==> flow/design.v <==
module ex_add_sub #(
    parameter XLEN = 112
) (
    input wire aclk,
    input wire rst_n,
    input wire valid,
    input wire [XLEN-1:0] i_opa,
    input wire [XLEN-1:0] i_opb,
    output reg [XLEN-1:0] o_result
);
    reg [XLEN-1:0] r_opa;
    reg [XLEN-1:0] r_opb;
    always @(posedge aclk or negedge rst_n) begin
        if (~rst_n) begin
            r_opa <= 0;
            r_opb <= 0;
        end else if (valid) begin
            r_opa <= i_opa;
            r_opb <= i_opb;
        end
    end
    wire [XLEN:0] tmp = r_opa - r_opb;
    always @(posedge aclk or negedge rst_n) begin
        if (~rst_n) begin
            o_result <= 0;
        end else if (valid) begin
            o_result <= tmp[XLEN] ? {XLEN{1'b0}} : tmp[XLEN-1:0];
        end
    end
endmodule
-- From RTL to reports: ex_add_sub
Tool output for the design above, in the order of the flow.
Lines are those of the file above, counted from 1.
Cell names lack the library's common part.
The mark n/a stands for no value.
- design top: ex_add_sub
- clock port: aclk
- standard-cell library: sky130hd
- timing corner: tt_025C_1v80

-- After elaboration
Source: Yosys, flattened and elaborated, memories not mapped. Widths are those after wreduce; folded enables and synchronous resets count as part of the registers. Registers that Yosys merges into a memory's read port (data or address) are not register bits. Print and check cells do not count. Equal cells are merged and count once.
- add/sub/neg operators at 1
- mux-type cells at 1
- operator list (operator ; count):
    112-bit by 112-bit subtractor with 113-bit output ; 1
    112-bit 2-to-1 mux ; 1
- register bits after elaboration at 336
- input port bits at 227
- noted cells after elaboration: 5

-- Longest topological paths
Yosys ltp: most cells in a row. Word level: on the elaborated netlist, between registers, memories and ports. Mapped: between sequential cells and ports; inverters and the memories' decode and read muxes count.
- depth after elaboration: 2
- ABC_AREA at 0
- gate-level depth with buffers at 16
- noted mapped depth without buffers: 14

-- After synthesis
Source: synth_stat.txt of the flow (Yosys; design flattened, memories mapped). It holds for the ABC_AREA given above (unset counts as 0); a run with the other value may have another netlist.
Totals and module areas in this step are rounded.
- cells by type (type ; count ; total area (µm²)):
    dfrtp_1 ; 336 ; 8.41E+03
    ha_1 ; 112 ; 1.4E+03
    mux2_2 ; 112 ; 1261.21
    o21ai_0 ; 203 ; 1.02E+03
    nand2_1 ; 230 ; 863.328
    a21oi_1 ; 163 ; 815.782
    inv_1 ; 147 ; 551.779
    a22o_1 ; 59 ; 516.746
    xnor2_1 ; 57 ; 499.229
    o2bb2ai_1 ; 42 ; 367.853
    xor2_1 ; 41 ; 359.094
    a21o_1 ; 43 ; 322.81
    nand4_1 ; 51 ; 319.056
    nor2_1 ; 80 ; 300.288
    o21bai_1 ; 36 ; 270.259
    clkbuf_1 ; 63 ; 236.477
    buf_2 ; 40 ; 200.192
    buf_4 ; 16 ; 120.115
Not listed: further types 74, cells in them 292.
- noted mapped cells: 2123
- cell area after synthesis: 0.0201 mm²
- noted mapped flip-flops: 336

-- Worst setup path after synthesis
Source: OpenSTA report_checks on the synthesized netlist (no wires, ideal clock, input and output delay 20% of the period each), path of least setup slack; recovery checks are left aside. Register names are those of the netlist, which keeps one name where synthesis merged equal registers.
- kind: register -> register
- start: reg r_opa[0]
- end: reg o_result[111]
- noted period: 3.85 ns
- noted library setup time: 0.132 ns
- data arrival time at 2.947 ns
- data required time at 3.718 ns
- noted slack: 0.771 ns
- noted path delay: 3.079 ns
- stages at 16
- buffers on the path at 1
- synthesis period reached: 3.079 ns
"path delay" = arrival - input delay + setup time.
"stages": output pins that drive a net of the path, with the launching flip-flop's if there is one; two outputs of one cell count as two.
"synthesis period reached" is the clock period less the worst setup slack; recovery checks do not enter. This is arithmetic on one report: input and output delays are still those of the set period (20% each).
Between the ends stands the longest chain of elaborated cells between them, by number of cells; it is not shown to be the way that was timed. Of several equally long chains one is given.
A line is the first line of the expression or statement that the cell stems from. Yosys adds cells for indexed reads and writes and turns some case tables into memories.
- cells stage by stage: dfrtp_1 inv_1 ha_1 inv_1 fa_1 a211oi_1 o211ai_1 a22oi_2 o22ai_2 o2111ai_1 nand4_1 nand3_2 buf_6 nor3_1 a221o_1 or3b_1
- cells in the longest elaborated chain at 2
- ends and longest elaborated chain, post-synthesis (item ; line ; text):
    start, declared ; 11 ; reg [XLEN-1:0] r_opa;
    start, assigned ; 15 ; r_opa <= 0;
    start, assigned ; 18 ; r_opa <= i_opa;
    112-bit by 112-bit subtractor with 113-bit output ; 22 ; wire [XLEN:0] tmp = r_opa - r_opb;
    112-bit 2-to-1 mux ; 27 ; o_result <= tmp[XLEN] ? {XLEN{1'b0}} : tmp[XLEN-1:0];
    end, assigned ; 25 ; o_result <= 0;
    end, assigned ; 27 ;
    end, declared ; 9 ; output reg [XLEN-1:0] o_result

-- Worst path after layout
Path of least setup slack in the final report of run 1 (OpenROAD, finished layout, wires in). Where an end is a register, its clock arrival counts in the times.
- kind: register -> register
- start: reg r_opa[33]
- end: reg o_result[111]
- noted period: 5.15 ns
- noted library setup time: 0.12 ns
- data arrival time at 4.58 ns
- data required time at 5.60 ns
- noted slack: 1.02 ns
- stages at 13
- buffers on the path at 1
Between the ends stands the longest chain of elaborated cells between them, by number of cells; it is not shown to be the way that was timed. Of several equally long chains one is given.
- cells stage by stage: dfrtp_1 ha_1 a21oi_1 o21ai_0 a21oi_1 o2111ai_1 o2111ai_1 nand4_1 nand3_2 inv_2 buf_4 a221o_1 or3b_1
- cells in the longest elaborated chain at 2
- ends and longest elaborated chain, post-layout (item ; line ; text):
    start, declared ; 11 ; reg [XLEN-1:0] r_opa;
    start, assigned ; 15 ; r_opa <= 0;
    start, assigned ; 18 ; r_opa <= i_opa;
    112-bit by 112-bit subtractor with 113-bit output ; 22 ; wire [XLEN:0] tmp = r_opa - r_opb;
    112-bit 2-to-1 mux ; 27 ; o_result <= tmp[XLEN] ? {XLEN{1'b0}} : tmp[XLEN-1:0];
    end, assigned ; 25 ; o_result <= 0;
    end, assigned ; 27 ;
    end, declared ; 9 ; output reg [XLEN-1:0] o_result

--- measured runs ---
Measured data: module ex_add_sub, platform sky130hd, 3 stored runs of the flow under differing settings, order arbitrary. Input and output delays are each 20% of the period that was set; the output load is 0.01 pF.
"time used up by the worst setup path": the worst setup path's part of the clock period (all of it between registers, 20% less for each end at a port) less its slack. A launch clock that arrives late makes it longer, a capture clock that arrives late makes it shorter.
"total design power": no workload was simulated; the value follows from the tool's default switching activity.
The results are shown rounded.

Run 1

==> flow/run.sh <==
#!/bin/bash
# the make line also repeats the synthesis and layout settings of config.mk as NAME=value (left out here)
make -C /OpenROAD-flow-scripts/flow DESIGN_CONFIG=/design/flow/config.mk WORK_HOME=/design/flow/orfs CLKGATE_MAP_FILE= finish
==> flow/config.mk <==
export PLATFORM = sky130hd
export DESIGN_NAME = ex_add_sub
export DESIGN_NICKNAME = ex_add_sub
export VERILOG_FILES = /design/flow/design.v
export SDC_FILE = /design/flow/constraint.sdc
export NUM_CORES = 4
export LEC_CHECK = 0
export CAP_MARGIN = 20
export CELL_PAD_IN_SITES_DETAIL_PLACEMENT = 2
export CELL_PAD_IN_SITES_GLOBAL_PLACEMENT = 3
export CORE_ASPECT_RATIO = 1.52
export CORE_MARGIN = 3
export CORE_UTILIZATION = 28
export MIN_ROUTING_LAYER = met1
export PLACE_DENSITY = 0.61
export SLEW_MARGIN = 20
export TNS_END_PERCENT = 95
==> flow/constraint.sdc <==
create_clock -name core_clock -period 5.15 [get_ports {aclk}]
set_input_delay 1.0300 -clock core_clock [delete_from_list [all_inputs] [get_ports {aclk}]]
set_output_delay 1.0300 -clock core_clock [all_outputs]
set_load 0.01 [all_outputs]

Measured in run 1:
- noted the standard-cell area after layout: 0.0256 mm²
- area of the synthesized netlist: 0.0201 mm²
- noted the post-route utilization: 36.1%
- noted the time used up by the worst setup path: 4.13 ns
- worst path kind: register -> register
- worst slack on setup checks: 1.02 ns
- overall die area: 0.0752 mm²
- total design power: 10.1 mW

Run 2

==> flow/run.sh <==
#!/bin/bash
# the make line also repeats the synthesis and layout settings of config.mk as NAME=value (left out here)
make -C /OpenROAD-flow-scripts/flow DESIGN_CONFIG=/design/flow/config.mk WORK_HOME=/design/flow/orfs CLKGATE_MAP_FILE= finish
==> flow/config.mk <==
export PLATFORM = sky130hd
export DESIGN_NAME = ex_add_sub
export DESIGN_NICKNAME = ex_add_sub
export VERILOG_FILES = /design/flow/design.v
export SDC_FILE = /design/flow/constraint.sdc
export NUM_CORES = 4
export LEC_CHECK = 0
export CAP_MARGIN = 20
export CELL_PAD_IN_SITES_DETAIL_PLACEMENT = 2
export CORE_MARGIN = 4
export CORE_UTILIZATION = 33
export CTS_CLUSTER_SIZE = 32
export GPL_ROUTABILITY_DRIVEN = 1
export MAX_ROUTING_LAYER = met5
export PLACE_DENSITY_LB_ADDON = 0.0
export SLEW_MARGIN = 35
==> flow/constraint.sdc <==
create_clock -name core_clock -period 4.2 [get_ports {aclk}]
set_input_delay 0.8400 -clock core_clock [delete_from_list [all_inputs] [get_ports {aclk}]]
set_output_delay 0.8400 -clock core_clock [all_outputs]
set_load 0.01 [all_outputs]

Measured in run 2:
- area of the synthesized netlist: 0.0201 mm²
- noted the standard-cell area after layout: 0.0256 mm²
- worst slack on setup checks: 0.357 ns
- overall die area: 0.065 mm²
- noted the post-route utilization: 42.5%
- total design power: 12.6 mW
- noted the time used up by the worst setup path: 3.84 ns
- worst path kind: register -> register

Run 3

==> flow/run.sh <==
#!/bin/bash
# the make line also repeats the synthesis and layout settings of config.mk as NAME=value (left out here)
make -C /OpenROAD-flow-scripts/flow DESIGN_CONFIG=/design/flow/config.mk WORK_HOME=/design/flow/orfs CLKGATE_MAP_FILE= finish
==> flow/config.mk <==
export PLATFORM = sky130hd
export DESIGN_NAME = ex_add_sub
export DESIGN_NICKNAME = ex_add_sub
export VERILOG_FILES = /design/flow/design.v
export SDC_FILE = /design/flow/constraint.sdc
export NUM_CORES = 4
export LEC_CHECK = 0
export CAP_MARGIN = 20
export CORE_MARGIN = 2
export CORE_UTILIZATION = 40
export SLEW_MARGIN = 20
==> flow/constraint.sdc <==
create_clock -name core_clock -period 3.85 [get_ports {aclk}]
set_input_delay 0.7700 -clock core_clock [delete_from_list [all_inputs] [get_ports {aclk}]]
set_output_delay 0.7700 -clock core_clock [all_outputs]
set_load 0.01 [all_outputs]

Measured in run 3:
- noted the post-route utilization: 51.1%
- area of the synthesized netlist: 0.0201 mm²
- overall die area: 0.0521 mm²
- noted the standard-cell area after layout: 0.0255 mm²
- noted the time used up by the worst setup path: 3.67 ns
- worst path kind: register -> register
- worst slack on setup checks: 0.177 ns
- total design power: 13.2 mW
--- end ---
